==> flow/design.v <==
module mult_top #(
  parameter integer DWIDTH = 5,
  parameter integer GB = 8
) (
  input  aclk,
  input  ce,
  input  [DWIDTH-1:0] A_i,
  input  [DWIDTH-1:0] B_i,
  input  load_i,
  output [2*DWIDTH+GB-1:0] res_o
);
  reg [DWIDTH-1:0] A_r;
  always @(posedge aclk) begin
    if (ce) begin
      A_r <= A_i;
    end
  end
  reg [DWIDTH-1:0] B_r;
  always @(posedge aclk) begin
    if (ce) begin
      B_r <= B_i;
    end
  end
  reg load_r;
  always @(posedge aclk) begin
    if (ce) begin
      load_r <= load_i;
    end
  end
  wire [2*DWIDTH-1:0] val;
  assign val = A_r * B_r;
  reg [2*DWIDTH+GB-1:0] total;
  always @(posedge aclk) begin
    if (ce) begin
      total <= load_r ? val : total + val;
    end
  end
  assign res_o = total;
endmodule
[Reports on mult_top]
The steps from the RTL of mult_top to its reports follow in flow order.
Line numbers count from 1 in the design file above.
Operators: Yosys type, input widths -> output width; for muxes data width and select width s.
A cell with n/a has no value.
Set-up
  top module: mult_top
  clock port: aclk
  cell library: sky130hd
  library corner: tt_025C_1v80

[Word-level counts]
Source: Yosys, flattened and elaborated, memories not mapped. Widths are those after wreduce; folded enables and synchronous resets count as part of the registers. Registers that Yosys merges into a memory's read port (data or address) are not register bits. Print and check cells do not count. Equal cells are merged and count once.
Storage and ports
  register bits after elaboration: 29
  output and inout bits: 18
  elaborated cells: 8
Operators by class
  add/subtract/negate cells: 1
  multipliers: 1
  muxes and demuxes: 1
Operator list (count)
  $mul 5x5->10: 1
  $add 18x10->18: 1
  $mux 10: 1

[Logic depth]
Yosys ltp: most cells in a row. Word level: on the elaborated netlist, between registers, memories and ports. Mapped: between sequential cells and ports; inverters and the memories' decode and read muxes count.
Depth
  word-level depth: 3
  ABC_AREA: 0
  mapped depth: 20
  gate-level depth less buffers: 19

[Mapped cells and area]
Yosys stat after the flow's synthesis: flattened, memories mapped to cells. It holds for the ABC_AREA given above (unset counts as 0); a run with the other value may have another netlist.
Totals and module areas in this step are rounded.
Mapped netlist
  cells in the netlist: 218
  cell area after synthesis: 2346 sq um
  sequential part of the area: 870.8 sq um
  flip-flop cells: 29
  buffers: 5
Cell types
  sky130_fd_sc_hd__edfxtp_1: count 29, area in all 870.835 sq um
  sky130_fd_sc_hd__ha_1: count 28, area in all 350.336 sq um
  sky130_fd_sc_hd__fa_1: count 10, area in all 200.192 sq um
  sky130_fd_sc_hd__xnor2_1: count 12, area in all 105.101 sq um
  sky130_fd_sc_hd__and2_1: count 16, area in all 100.096 sq um
  sky130_fd_sc_hd__mux2_2: count 8, area in all 90.086 sq um
  sky130_fd_sc_hd__nand2_1: count 18, area in all 67.565 sq um
  sky130_fd_sc_hd__a21oi_1: count 11, area in all 55.053 sq um
  sky130_fd_sc_hd__nor2b_1: count 8, area in all 50.048 sq um
  sky130_fd_sc_hd__o21ai_0: count 10, area in all 50.048 sq um
  sky130_fd_sc_hd__inv_1: count 13, area in all 48.797 sq um
  sky130_fd_sc_hd__nor2_1: count 12, area in all 45.043 sq um
  sky130_fd_sc_hd__xor2_1: count 5, area in all 43.792 sq um
  sky130_fd_sc_hd__a21o_1: count 4, area in all 30.029 sq um
  sky130_fd_sc_hd__nand3_1: count 4, area in all 20.019 sq um
  sky130_fd_sc_hd__a31oi_1: count 3, area in all 18.768 sq um
  sky130_fd_sc_hd__a211oi_1: count 2, area in all 15.014 sq um
  sky130_fd_sc_hd__clkbuf_1: count 4, area in all 15.014 sq um
Other cell types: 19; their cells: 21.

[Timing after synthesis]
OpenSTA on the mapped netlist: ideal clock, no wires. The path of least setup slack (recovery checks aside). Input and output delay are each 20% of the period. Register names are those of the netlist, which keeps one name where synthesis merged equal registers.
Timing path after synthesis
  path kind: reg2reg
  start: reg B_r[4]
  end: reg total[17]
  period: 6.12 ns
  time at the first pin: 0.000 ns
  arrival: 4.637 ns
  required time: 5.860 ns
  slack: 1.224 ns
  path delay: 4.897 ns
  stages on the path: 18
  buffers on the path: 1
  synthesis period reached: 4.896 ns
"path delay" is the arrival time less input delay plus setup time.
"stages on the path" counts driving pins, that of a launching flip-flop among them; a cell with two outputs on the path counts twice.
"synthesis period reached" = period - worst setup slack (recovery checks aside). The figure is calculated, with input and output delays left at 20% of the set period.
Between the ends stands the longest chain of elaborated cells between them, by number of cells; it is not shown to be the way that was timed. Of several equally long chains one is given.
Each line given opens the expression or statement behind the cell; cells for indexed reads and writes are added by Yosys, which also makes memories of some case tables.
On the way, after synthesis
  path through: sky130_fd_sc_hd__edfxtp_1 > sky130_fd_sc_hd__nand2_1 > sky130_fd_sc_hd__fa_1 > sky130_fd_sc_hd__fa_1 > sky130_fd_sc_hd__fa_1 > sky130_fd_sc_hd__inv_1 > sky130_fd_sc_hd__ha_1 > sky130_fd_sc_hd__o21ai_0 > sky130_fd_sc_hd__nor2_1 > sky130_fd_sc_hd__or4_1 > sky130_fd_sc_hd__a31oi_1 > sky130_fd_sc_hd__xor2_1 > sky130_fd_sc_hd__ha_1 > sky130_fd_sc_hd__clkbuf_1 > sky130_fd_sc_hd__o311a_1 > sky130_fd_sc_hd__o21a_1 > sky130_fd_sc_hd__nor3b_1 > sky130_fd_sc_hd__mux2_2
  length of the longest elaborated chain: 2
Ends and longest elaborated chain, after synthesis
  start, declared: RTL line 18  | reg [DWIDTH-1:0] B_r;
  start, assigned: RTL line 21  | B_r <= B_i;
  $mul 5x5->10: RTL line 31  | assign val = A_r * B_r;
  $add 18x10->18: RTL line 35  | total <= load_r ? val : total + val;
  end, assigned: RTL line 35
  end, declared: RTL line 32  | reg [2*DWIDTH+GB-1:0] total;

[Timing after layout]
Path of least setup slack in the final report of entry A (OpenROAD, finished layout, wires in). Where an end is a register, its clock arrival counts in the times.
Timing path post-layout
  path kind: reg2reg
  start: reg B_r[4]
  end: reg total[17]
  period: 6.12 ns
  time at the first pin: 0.28 ns
  arrival: 5.28 ns
  required time: 6.16 ns
  slack: 0.88 ns
  stages on the path: 18
  buffers on the path: 0
Between the ends stands the longest chain of elaborated cells between them, by number of cells; it is not shown to be the way that was timed. Of several equally long chains one is given.
On the way, post-layout
  path through: sky130_fd_sc_hd__edfxtp_1 > sky130_fd_sc_hd__nand2_1 > sky130_fd_sc_hd__fa_1 > sky130_fd_sc_hd__fa_1 > sky130_fd_sc_hd__fa_1 > sky130_fd_sc_hd__inv_1 > sky130_fd_sc_hd__ha_1 > sky130_fd_sc_hd__a21o_1 > sky130_fd_sc_hd__a21oi_1 > sky130_fd_sc_hd__o21bai_1 > sky130_fd_sc_hd__a21oi_1 > sky130_fd_sc_hd__xnor2_1 > sky130_fd_sc_hd__ha_1 > sky130_fd_sc_hd__and4_1 > sky130_fd_sc_hd__o311a_1 > sky130_fd_sc_hd__o21a_1 > sky130_fd_sc_hd__nor3b_1 > sky130_fd_sc_hd__mux2_2
  length of the longest elaborated chain: 2
Ends and longest elaborated chain, post-layout
  start, declared: RTL line 18  | reg [DWIDTH-1:0] B_r;
  start, assigned: RTL line 21  | B_r <= B_i;
  $mul 5x5->10: RTL line 31  | assign val = A_r * B_r;
  $add 18x10->18: RTL line 35  | total <= load_r ? val : total + val;
  end, assigned: RTL line 35
  end, declared: RTL line 32  | reg [2*DWIDTH+GB-1:0] total;

Ticket comment

Flow measurements of mult_top on sky130hd: 3 stored runs with different settings, listed in no order. Input and output delays are each 20% of the period that was set; the output load is 0.01 pF.
"achieved clock period" = clock period - worst setup slack. The figure is calculated, with input and output delays left at 20% of the set period.
"worst setup path time": the worst setup path's part of the clock period (all of it between registers, 20% less for each end at a port) less its slack. A launch clock that arrives late makes it longer, a capture clock that arrives late makes it shorter.
By "overall power" is meant OpenSTA's value without simulated activity: inputs other than the clock are taken to toggle once in ten clock periods, and the tool carries that through the logic.
Values from the reports are rounded here.

==> entry A: settings <==
{ "period_ns": 6.12, "CAP_MARGIN": 20, "CORE_MARGIN": 2, "CORE_UTILIZATION": 40, "SLEW_MARGIN": 20 }
==> entry A: results <==
standard-cell area after routing: 2810 sq um
utilization after routing: 0.504
achieved clock period: 5.238 ns
final setup TNS: 0.000 ns
mapped cell area after synthesis: 2346 sq um
worst setup path time: 5.24 ns
critical path kind: reg2reg
overall power: 1184 µW
worst slack on setup checks: 0.882 ns
area inside the die boundary: 6494 sq um
lowest hold slack: 0.698 ns

==> entry B: settings <==
{ "period_ns": 3.16, "CORE_UTILIZATION": 35, "PLACE_DENSITY_LB_ADDON": 0.19, "CORE_MARGIN": 7, "CELL_PAD_IN_SITES_GLOBAL_PLACEMENT": 1, "TNS_END_PERCENT": 70, "CTS_CLUSTER_SIZE": 12, "CTS_CLUSTER_DIAMETER": 49, "MIN_ROUTING_LAYER": "met1", "CAP_MARGIN": 20, "SLEW_MARGIN": 20 }
==> entry B: results <==
standard-cell area after routing: 3460 sq um
utilization after routing: 0.539
achieved clock period: 4.760 ns
final setup TNS: -17.92 ns
mapped cell area after synthesis: 2346 sq um
worst setup path time: 4.76 ns
critical path kind: reg2reg
overall power: 3240 µW
worst slack on setup checks: -1.600 ns
area inside the die boundary: 9191 sq um
lowest hold slack: 0.689 ns

==> entry C: settings <==
{ "period_ns": 6.61, "CORE_UTILIZATION": 71, "SETUP_SLACK_MARGIN": 0.84, "PLACE_DENSITY_LB_ADDON": 0.04, "CELL_PAD_IN_SITES_DETAIL_PLACEMENT": 1, "GPL_ROUTABILITY_DRIVEN": 0, "MIN_ROUTING_LAYER": "met2", "CAP_MARGIN": 20, "CORE_MARGIN": 2, "SLEW_MARGIN": 20 }
==> entry C: results <==
unfinished; error DPL-0033 in placement
